==> flow/design.v <==
module chooser_n #(
    parameter DW = 16,
    parameter COUNT = 24,
    parameter SW = $clog2(COUNT)
) (
    input wire aclk,
    input wire resetn,
    input wire [COUNT*DW-1:0] i_data,
    input wire [SW-1:0] i_pick,
    output reg [DW-1:0] o_q
);
    reg [COUNT*DW-1:0] data_s;
    reg [SW-1:0] pick_s;
    always @(posedge aclk or negedge resetn) begin
        if (~resetn) begin
            data_s <= 0;
            pick_s <= 0;
        end else begin
            data_s <= i_data;
            pick_s <= i_pick;
        end
    end
    reg [DW-1:0] t;
    integer k;
    always @(*) begin
        t = 0;
        for (k = 0; k < COUNT; k = k + 1)
            if (pick_s == k) t = data_s[k*DW +: DW];
    end
    always @(posedge aclk or negedge resetn) begin
        if (~resetn) begin
            o_q <= 0;
        end else begin
            o_q <= t;
        end
    end
endmodule
**From RTL to reports: chooser_n**

What the tools print for chooser_n, step after step.
Line numbers count from 1 in the design file above.
Library cell names are shortened.
Not given: --

- Top: chooser_n
- Clock port: aclk
- Cell library: sky130hd
- Library corner: tt_025C_1v80

**Word level**

Source: Yosys, flattened and elaborated, memories not mapped. Widths are those after wreduce; folded enables and synchronous resets count as part of the registers. Registers that Yosys merges into a memory's read port (data or address) are not register bits. Print and check cells do not count. Equal cells are merged and count once.

- Output and inout port bits: 16
- Input bits: 391
- Register bits: 405

- Equal/unequal tests: 23
- Multiplexer cells: 24
- Reductions and logical operators: 1

Operators with widths:

| operator | count |
|---|---|
| 16-bit two-way mux | 24 |
| 5-bit by 4-bit equality test with 1-bit output (second input constant) | 8 |
| 5-bit equality test (second input constant) | 8 |
| 5-bit by 3-bit equality test with 1-bit output (second input constant) | 4 |
| 5-bit by 2-bit equality test with 1-bit output (second input constant) | 2 |
| 5-bit by 1-bit equality test with 1-bit output (second input constant) | 1 |
| 5-bit logical NOT | 1 |

**Depth**

Yosys ltp: most cells in a row. Word level: on the elaborated netlist, between registers, memories and ports. Mapped: between sequential cells and ports; inverters and the memories' decode and read muxes count.

- Word-level depth: 25
- ABC_AREA: 0
- Mapped depth: 10
- Mapped depth without buffers: 6

**Synthesis result**

The flow's flattened synthesis, as Yosys stat reports it; memories are mapped. The netlist is that of the ABC_AREA named above (0 if unset); the other value can give another one.

Cell types:

| type | count |
|---|---|
| dfrtp_1 | 405 |
| a21oi_1 | 51 |
| mux4_2 | 11 |
| a22oi_1 | 32 |
| o21ai_0 | 47 |
| mux2i_1 | 20 |
| nor2_1 | 49 |
| nand2_1 | 43 |
| o221ai_1 | 17 |
| o22ai_1 | 21 |
| a221oi_1 | 13 |
| buf_2 | 22 |
| mux2_2 | 9 |
| nor3_1 | 16 |
| a22o_1 | 8 |
| nand3_1 | 14 |
| a31oi_1 | 11 |
| nor2b_1 | 11 |

Other cell types: 54; their cells: 165.

- Sequential area: 10134.7 sq um
- Mapped cells: 965
- Flip-flop cells: 405
- Buffers: 47
- Cell area after synthesis: 13838.3 sq um

**Worst setup path after synthesis**

OpenSTA on the mapped netlist: ideal clock, no wires. The path of least setup slack (recovery checks aside). Input and output delay are each 20% of the period. Register names are those of the netlist, which keeps one name where synthesis merged equal registers.

- Path kind: reg-to-reg
- Start: register pick_s[0]
- End: register o_q[4]
- Required time: 2.386 ns
- Path buffers: 1
- Arrival time: 1.888 ns
- Driving pins on the path: 8
- Clock period: 2.48 ns
- Setup time: 0.094 ns
- Path slack: 0.498 ns
- Path delay: 1.982 ns
- Synthesis period reached: 1.982 ns

"path delay" = arrival - input delay + setup time.
"driving pins on the path" counts driving pins, that of a launching flip-flop among them; a cell with two outputs on the path counts twice.
"synthesis period reached" = period - worst setup slack (recovery checks aside). The figure is calculated, with input and output delays left at 20% of the set period.
The rows between start and end are the longest chain of elaborated cells between them; the timing report does not say that the signal goes this way. Where chains are equally long, one stands for them.
Each line given opens the expression or statement behind the cell; cells for indexed reads and writes are added by Yosys, which also makes memories of some case tables.

- Cell sequence: dfrtp_1 -> buf_2 -> or4_4 -> nor2_1 -> a21oi_1 -> and3_1 -> or3_1 -> a211oi_1
- Length of the longest elaborated chain: 25
- Elaborated cells on any way between the ends: 48
- Source lines of those cells: 1
- Those cells by class: eq/ne: 23; mux: 24; reduce/logical: 1

Ends and longest elaborated chain, after synthesis:

| what | RTL line | source |
|---|---|---|
| start, declared | 13 | `reg [SW-1:0] pick_s;` |
| start, assigned | 17 | `pick_s <= 0;` |
| start, assigned | 20 | `pick_s <= i_pick;` |
| 5-bit logical NOT | 28 | `if (pick_s == k) t = data_s[k*DW +: DW];` |
| 16-bit two-way mux x24 | 28 |  |
| end, assigned | 32 | `o_q <= 0;` |
| end, assigned | 34 | `o_q <= t;` |
| end, declared | 10 | `output reg [DW-1:0] o_q` |

**Timing after layout**

From the final timing report of flow run A: the path of least setup slack in the routed layout; clock arrival at registers is part of the times.

- Path kind: reg-to-reg
- Start: register pick_s[2]
- End: register o_q[8]
- Clock period: 2.48 ns
- Arrival time: 2.82 ns
- Setup time: 0.14 ns
- Required time: 2.86 ns
- Path buffers: 2
- Path slack: 0.04 ns
- Driving pins on the path: 9

The rows between start and end are the longest chain of elaborated cells between them; the timing report does not say that the signal goes this way. Where chains are equally long, one stands for them.

- Cell sequence: dfrtp_4 -> buf_4 -> nor3b_1 -> buf_4 -> nand2_2 -> o221ai_1 -> nor3_1 -> a31oi_2 -> o21ai_0
- Length of the longest elaborated chain: 25
- Elaborated cells on any way between the ends: 48
- Source lines of those cells: 1
- Those cells by class: eq/ne: 23; mux: 24; reduce/logical: 1

Ends and longest elaborated chain, after layout:

| what | RTL line | source |
|---|---|---|
| start, declared | 13 | `reg [SW-1:0] pick_s;` |
| start, assigned | 17 | `pick_s <= 0;` |
| start, assigned | 20 | `pick_s <= i_pick;` |
| 5-bit logical NOT | 28 | `if (pick_s == k) t = data_s[k*DW +: DW];` |
| 16-bit two-way mux x24 | 28 |  |
| end, assigned | 32 | `o_q <= 0;` |
| end, assigned | 34 | `o_q <= t;` |
| end, declared | 10 | `output reg [DW-1:0] o_q` |

FLOW RESULTS
============

Stored flow runs of chooser_n (3 of them; Yosys, OpenROAD, sky130hd). They differ in their settings and are not a sequence. Constraints: input delay and output delay 20% of the set period each, output load 0.01 pF.
"period reached": clock period set for the run, less the worst setup slack. It is reckoned from that one timing run; input and output delays stay at 20% of the period that was set.
"total power after layout" rests on the timing tool's default activity at the inputs, not on a simulated workload.

### Flow run A

Settings: `period_ns=2.48`, `CAP_MARGIN=20`, `CORE_MARGIN=2`, `CORE_UTILIZATION=40`, `SLEW_MARGIN=20`

- Yosys chip area after synthesis: 13838.3 sq um
- Overall die area: 36100.0 sq um
- Utilization after routing: 0.609
- Setup slack of the worst path: 0.039 ns
- Smallest hold slack: 0.398 ns
- Total power after layout: 15.553 mW
- Period reached: 2.441 ns

### Flow run B

Settings: `period_ns=1.98`, `CORE_UTILIZATION=20`, `PLACE_DENSITY_LB_ADDON=0.16`, `CELL_PAD_IN_SITES_GLOBAL_PLACEMENT=3`, `CELL_PAD_IN_SITES_DETAIL_PLACEMENT=2`, `TNS_END_PERCENT=100`, `GPL_TIMING_DRIVEN=0`, `CTS_CLUSTER_SIZE=64`, `MIN_ROUTING_LAYER=met2`, `CAP_MARGIN=20`, `CORE_MARGIN=2`, `SLEW_MARGIN=20`

- Yosys chip area after synthesis: 13838.3 sq um
- Overall die area: 71310.4 sq um
- Utilization after routing: 0.357
- Setup slack of the worst path: -0.552 ns
- Smallest hold slack: 0.212 ns
- Total power after layout: 22.181 mW
- Period reached: 2.532 ns

### Flow run C

Settings: `period_ns=2.22`, `CORE_UTILIZATION=35`, `SETUP_SLACK_MARGIN=0.39`, `CELL_PAD_IN_SITES_GLOBAL_PLACEMENT=0`, `TNS_END_PERCENT=45`, `GPL_ROUTABILITY_DRIVEN=0`, `SLEW_MARGIN=25`, `MIN_ROUTING_LAYER=met1`, `MAX_ROUTING_LAYER=met5`, `CAP_MARGIN=20`, `CORE_MARGIN=2`

- Yosys chip area after synthesis: 13838.3 sq um
- Overall die area: 41144.1 sq um
- Utilization after routing: 0.58
- Setup slack of the worst path: -0.073 ns
- Smallest hold slack: 0.311 ns
- Total power after layout: 17.495 mW
- Period reached: 2.293 ns
